==> flow/design.v <==
module my_multiplier #(
    parameter integer DWIDTH = 6
) (
    input  wire clk,
    input  wire RST,
    input  wire [DWIDTH-1:0] arg0,
    input  wire [DWIDTH-1:0] arg1,
    output reg [2*DWIDTH-1:0] p
);
    reg [2*DWIDTH-1:0] nxt;
    integer n;
    always @(*) begin
        nxt = 0;
        for (n = 0; n < DWIDTH; n = n + 1)
            if (arg1[n]) nxt = nxt + (arg0 << n);
    end
    always @(posedge clk or posedge RST) begin
        if (RST) begin
            p <= 0;
        end else begin
            p <= nxt;
        end
    end
endmodule
* Step by step through the tools: my_multiplier
Tool output for the design above, in the order of the flow. Line numbers count from 1 in the design file above. Operators: Yosys type, input widths -> output width; for muxes data width and select width s. A cell with n/a has no value.
Inputs: top module my_multiplier, clock port clk, library sky130hd, corner tt_025C_1v80

* After elaboration
Source: Yosys, flattened and elaborated, memories not mapped. Widths are those after wreduce; folded enables and synchronous resets count as part of the registers. Registers that Yosys merges into a memory's read port (data or address) are not register bits. Print and check cells do not count. Equal cells are merged and count once.
Storage and ports: elaborated cells 12, register bits after elaboration 12, bits of input ports 14, output and inout bits 12
Operators by class: multiplexer cells 6, add/subtract/negate cells 5
Operators with widths (number):
- $mux 12 | 5
- $add 12x10->12 | 1
- $add 12x11->12 | 1
- $add 12x7->12 | 1
- $add 12x8->12 | 1
- $add 12x9->12 | 1
- $mux 6 | 1

* Logic depth
Depth = most cells in a row (Yosys ltp): at word level without a register or memory, in the mapped netlist without a sequential cell, where the memories' decode and read muxes count.
Depth: depth after elaboration 11, ABC_AREA 0, depth in mapped cells 32, mapped depth without buffers 31

* After synthesis
Source: synth_stat.txt of the flow (Yosys; design flattened, memories mapped). It holds for the ABC_AREA given above (unset counts as 0); a run with the other value may have another netlist.
Mapped netlist: flip-flop cells 12, mapped area 1925.6 um2, buffer cells 7, cell count 226
Cells by type:
- sky130_fd_sc_hd__ha_1 | number 28, area in all 350.336 um2
- sky130_fd_sc_hd__dfrtp_1 | number 12, area in all 300.288 um2
- sky130_fd_sc_hd__mux2_2 | number 10, area in all 112.608 um2
- sky130_fd_sc_hd__fa_1 | number 5, area in all 100.096 um2
- sky130_fd_sc_hd__o21a_1 | number 11, area in all 82.579 um2
- sky130_fd_sc_hd__a21oi_1 | number 15, area in all 75.072 um2
- sky130_fd_sc_hd__nand2_1 | number 16, area in all 60.058 um2
- sky130_fd_sc_hd__inv_1 | number 15, area in all 56.304 um2
- sky130_fd_sc_hd__nor2_1 | number 15, area in all 56.304 um2
- sky130_fd_sc_hd__xnor2_1 | number 6, area in all 52.55 um2
- sky130_fd_sc_hd__xor2_1 | number 6, area in all 52.55 um2
- sky130_fd_sc_hd__mux2i_1 | number 5, area in all 50.048 um2
- sky130_fd_sc_hd__o21ai_0 | number 8, area in all 40.038 um2
- sky130_fd_sc_hd__a21o_1 | number 5, area in all 37.536 um2
- sky130_fd_sc_hd__nor2b_1 | number 6, area in all 37.536 um2
- sky130_fd_sc_hd__nor3_1 | number 6, area in all 30.029 um2
- sky130_fd_sc_hd__nand3_1 | number 5, area in all 25.024 um2
- sky130_fd_sc_hd__nor3b_1 | number 3, area in all 22.522 um2
Other cell types: 38; their cells: 49.

* Timing after synthesis
Path of least setup slack by OpenSTA after synthesis, without wires, with an ideal clock, recovery checks aside; 20% of the period is set as input and as output delay. Where synthesis merged equal registers, the netlist keeps one of their names.
Timing path after synthesis: path type input to register, start input port arg0[1], end register p[10], data required time 8.365 ns, setup time 0.125 ns, slack 1.360 ns, clock period 8.49 ns, arrival 7.005 ns, stages on the path 28, external input delay 1.698 ns, delay of the path 5.432 ns, path buffers 0, period reached after synthesis 7.13 ns
"delay of the path" = arrival - input delay + setup time. "stages on the path" counts driving pins, that of a launching flip-flop among them; a cell with two outputs on the path counts twice. "period reached after synthesis" is the clock period less the worst setup slack; recovery checks do not enter. This is arithmetic on one report: input and output delays are still those of the set period (20% each). Between the ends stands the longest chain of elaborated cells between them, by number of cells; it is not shown to be the way that was timed. Of several equally long chains one is given. A line is the first line of the expression or statement that the cell stems from. Yosys adds cells for indexed reads and writes and turns some case tables into memories.
On the way, after synthesis: cell sequence sky130_fd_sc_hd__and2_2 sky130_fd_sc_hd__ha_1 sky130_fd_sc_hd__fa_1 sky130_fd_sc_hd__xor2_1 sky130_fd_sc_hd__nand2_1 sky130_fd_sc_hd__xor2_1 sky130_fd_sc_hd__inv_1 sky130_fd_sc_hd__fa_1 sky130_fd_sc_hd__xor2_1 sky130_fd_sc_hd__mux2_2 sky130_fd_sc_hd__inv_1 sky130_fd_sc_hd__ha_1 sky130_fd_sc_hd__a21o_1 sky130_fd_sc_hd__a21oi_1 sky130_fd_sc_hd__xnor2_1 sky130_fd_sc_hd__mux2_2 sky130_fd_sc_hd__ha_1 sky130_fd_sc_hd__nor2b_1 sky130_fd_sc_hd__nor3_1 sky130_fd_sc_hd__a211oi_1 sky130_fd_sc_hd__a31oi_1 sky130_fd_sc_hd__ha_1 sky130_fd_sc_hd__a21o_1 sky130_fd_sc_hd__a21oi_1 sky130_fd_sc_hd__o21bai_1 sky130_fd_sc_hd__a21oi_1 sky130_fd_sc_hd__xnor2_1 sky130_fd_sc_hd__mux2_2, length of the longest elaborated chain 11
Ends and longest elaborated chain, after synthesis:
- from (decl) | RTL line 6 | input  wire [DWIDTH-1:0] arg0,
- $mux 6 | RTL line 15 | if (arg1[n]) nxt = nxt + (arg0 << n);
- $add 12x7->12 | RTL line 15
- $mux 12 | RTL line 15
- $add 12x8->12 | RTL line 15
- $mux 12 | RTL line 15
- $add 12x9->12 | RTL line 15
- $mux 12 | RTL line 15
- $add 12x10->12 | RTL line 15
- $mux 12 | RTL line 15
- $add 12x11->12 | RTL line 15
- $mux 12 | RTL line 15
- to (assign) | RTL line 19 | p <= 0;
- to (assign) | RTL line 21 | p <= nxt;
- to (decl) | RTL line 8 | output reg [2*DWIDTH-1:0] p

* Worst path after layout
Path of least setup slack in the final report of record 2 (OpenROAD, finished layout, wires in). Where an end is a register, its clock arrival counts in the times.
Timing path after layout: path type input to register, start input port arg1[0], end register p[11], stages on the path 30, external input delay 1.34 ns, data required time 6.82 ns, slack 0.20 ns, arrival 6.62 ns, path buffers 2, clock period 6.7 ns, setup time 0.11 ns
Between the ends stands the longest chain of elaborated cells between them, by number of cells; it is not shown to be the way that was timed. Of several equally long chains one is given.
On the way, after layout: cell sequence sky130_fd_sc_hd__buf_6 sky130_fd_sc_hd__and2_4 sky130_fd_sc_hd__ha_4 sky130_fd_sc_hd__fa_2 sky130_fd_sc_hd__xor2_1 sky130_fd_sc_hd__nand2_1 sky130_fd_sc_hd__xor2_2 sky130_fd_sc_hd__inv_1 sky130_fd_sc_hd__fa_2 sky130_fd_sc_hd__xor2_1 sky130_fd_sc_hd__mux2_4 sky130_fd_sc_hd__inv_2 sky130_fd_sc_hd__ha_4 sky130_fd_sc_hd__a21o_1 sky130_fd_sc_hd__a21oi_2 sky130_fd_sc_hd__xnor2_2 sky130_fd_sc_hd__mux2_4 sky130_fd_sc_hd__ha_4 sky130_fd_sc_hd__nor2b_4 sky130_fd_sc_hd__nor3_2 sky130_fd_sc_hd__a211oi_1 sky130_fd_sc_hd__a31oi_1 sky130_fd_sc_hd__buf_4 sky130_fd_sc_hd__fa_2 sky130_fd_sc_hd__a21oi_2 sky130_fd_sc_hd__nor2_1 sky130_fd_sc_hd__nor2_2 sky130_fd_sc_hd__nor2b_1 sky130_fd_sc_hd__o21a_1 sky130_fd_sc_hd__o21a_1, length of the longest elaborated chain 11
Ends and longest elaborated chain, after layout:
- from (decl) | RTL line 7 | input  wire [DWIDTH-1:0] arg1,
- $mux 6 | RTL line 15 | if (arg1[n]) nxt = nxt + (arg0 << n);
- $add 12x7->12 | RTL line 15
- $mux 12 | RTL line 15
- $add 12x8->12 | RTL line 15
- $mux 12 | RTL line 15
- $add 12x9->12 | RTL line 15
- $mux 12 | RTL line 15
- $add 12x10->12 | RTL line 15
- $mux 12 | RTL line 15
- $add 12x11->12 | RTL line 15
- $mux 12 | RTL line 15
- to (assign) | RTL line 19 | p <= 0;
- to (assign) | RTL line 21 | p <= nxt;
- to (decl) | RTL line 8 | output reg [2*DWIDTH-1:0] p

3 stored runs of my_multiplier in the flow (synthesis by Yosys, layout by OpenROAD, sky130hd cells), in arbitrary order. Constraints: input delay and output delay 20% of the set period each, output load 0.01 pF.
"clock period achieved" means the clock period less the worst setup slack. The figure is calculated, with input and output delays left at 20% of the set period.
"critical setup path time" is the time allowed to the run's worst setup path (the clock period less input and output delay, where it has them) less its slack. Clock arrival times count: a late capture clock shortens it, a late launch clock lengthens it.
"total power after layout": no workload was simulated; the value follows from the tool's default switching activity.

[record 1] flow files
==> flow/run.sh <==
#!/bin/bash
# the make line also repeats the synthesis and layout settings of config.mk as NAME=value (left out here)
make -C /OpenROAD-flow-scripts/flow DESIGN_CONFIG=/design/flow/config.mk WORK_HOME=/design/flow/orfs CLKGATE_MAP_FILE= finish
==> flow/config.mk <==
export PLATFORM = sky130hd
export DESIGN_NAME = my_multiplier
export DESIGN_NICKNAME = my_multiplier
export VERILOG_FILES = /design/flow/design.v
export SDC_FILE = /design/flow/constraint.sdc
export NUM_CORES = 4
export LEC_CHECK = 0
export ABC_AREA = 0
export CAP_MARGIN = 20
export CELL_PAD_IN_SITES_GLOBAL_PLACEMENT = 2
export CORE_MARGIN = 2
export CORE_UTILIZATION = 66
export CTS_CLUSTER_DIAMETER = 208
export GPL_ROUTABILITY_DRIVEN = 1
export MAX_ROUTING_LAYER = met4
export PLACE_DENSITY_LB_ADDON = 0.26
export SLEW_MARGIN = 20
export TNS_END_PERCENT = 100
==> flow/constraint.sdc <==
create_clock -name core_clock -period 11.8 [get_ports {clk}]
set_input_delay 2.3600 -clock core_clock [delete_from_list [all_inputs] [get_ports {clk}]]
set_output_delay 2.3600 -clock core_clock [all_outputs]
set_load 0.01 [all_outputs]

[record 1] result: did not finish, placement stopped with FLW-0024

[record 2] flow files
==> flow/run.sh <==
#!/bin/bash
# the make line also repeats the synthesis and layout settings of config.mk as NAME=value (left out here)
make -C /OpenROAD-flow-scripts/flow DESIGN_CONFIG=/design/flow/config.mk WORK_HOME=/design/flow/orfs CLKGATE_MAP_FILE= finish
==> flow/config.mk <==
export PLATFORM = sky130hd
export DESIGN_NAME = my_multiplier
export DESIGN_NICKNAME = my_multiplier
export VERILOG_FILES = /design/flow/design.v
export SDC_FILE = /design/flow/constraint.sdc
export NUM_CORES = 4
export LEC_CHECK = 0
export CAP_MARGIN = 20
export CELL_PAD_IN_SITES_DETAIL_PLACEMENT = 0
export CORE_MARGIN = 4
export CORE_UTILIZATION = 15
export CTS_CLUSTER_DIAMETER = 142
export CTS_CLUSTER_SIZE = 60
export GPL_ROUTABILITY_DRIVEN = 1
export PLACE_DENSITY_LB_ADDON = 0.16
export SETUP_SLACK_MARGIN = 0.83
export SLEW_MARGIN = 20
export TNS_END_PERCENT = 75
==> flow/constraint.sdc <==
create_clock -name core_clock -period 6.7 [get_ports {clk}]
set_input_delay 1.3400 -clock core_clock [delete_from_list [all_inputs] [get_ports {clk}]]
set_output_delay 1.3400 -clock core_clock [all_outputs]
set_load 0.01 [all_outputs]

[record 2] result: std-cell area (final layout) 3448.3 um2; critical setup path time 5.16 ns; worst setup path type input to register; clock period achieved 6.496 ns; final utilization 27.3%; die area 14713.7 um2; netlist area reported by Yosys 1925.6 um2; total power after layout 779.9 uW; setup slack of the critical path 0.204 ns

[record 3] flow files
==> flow/run.sh <==
#!/bin/bash
# the make line also repeats the synthesis and layout settings of config.mk as NAME=value (left out here)
make -C /OpenROAD-flow-scripts/flow DESIGN_CONFIG=/design/flow/config.mk WORK_HOME=/design/flow/orfs CLKGATE_MAP_FILE= finish
==> flow/config.mk <==
export PLATFORM = sky130hd
export DESIGN_NAME = my_multiplier
export DESIGN_NICKNAME = my_multiplier
export VERILOG_FILES = /design/flow/design.v
export SDC_FILE = /design/flow/constraint.sdc
export NUM_CORES = 4
export LEC_CHECK = 0
export CAP_MARGIN = 20
export CORE_MARGIN = 2
export CORE_UTILIZATION = 40
export SLEW_MARGIN = 20
==> flow/constraint.sdc <==
create_clock -name core_clock -period 8.49 [get_ports {clk}]
set_input_delay 1.6980 -clock core_clock [delete_from_list [all_inputs] [get_ports {clk}]]
set_output_delay 1.6980 -clock core_clock [all_outputs]
set_load 0.01 [all_outputs]

[record 3] result: std-cell area (final layout) 2292.2 um2; critical setup path time 6.18 ns; worst setup path type input to register; clock period achieved 7.881 ns; final utilization 48.9%; die area 5384.6 um2; netlist area reported by Yosys 1925.6 um2; total power after layout 403.4 uW; setup slack of the critical path 0.609 ns
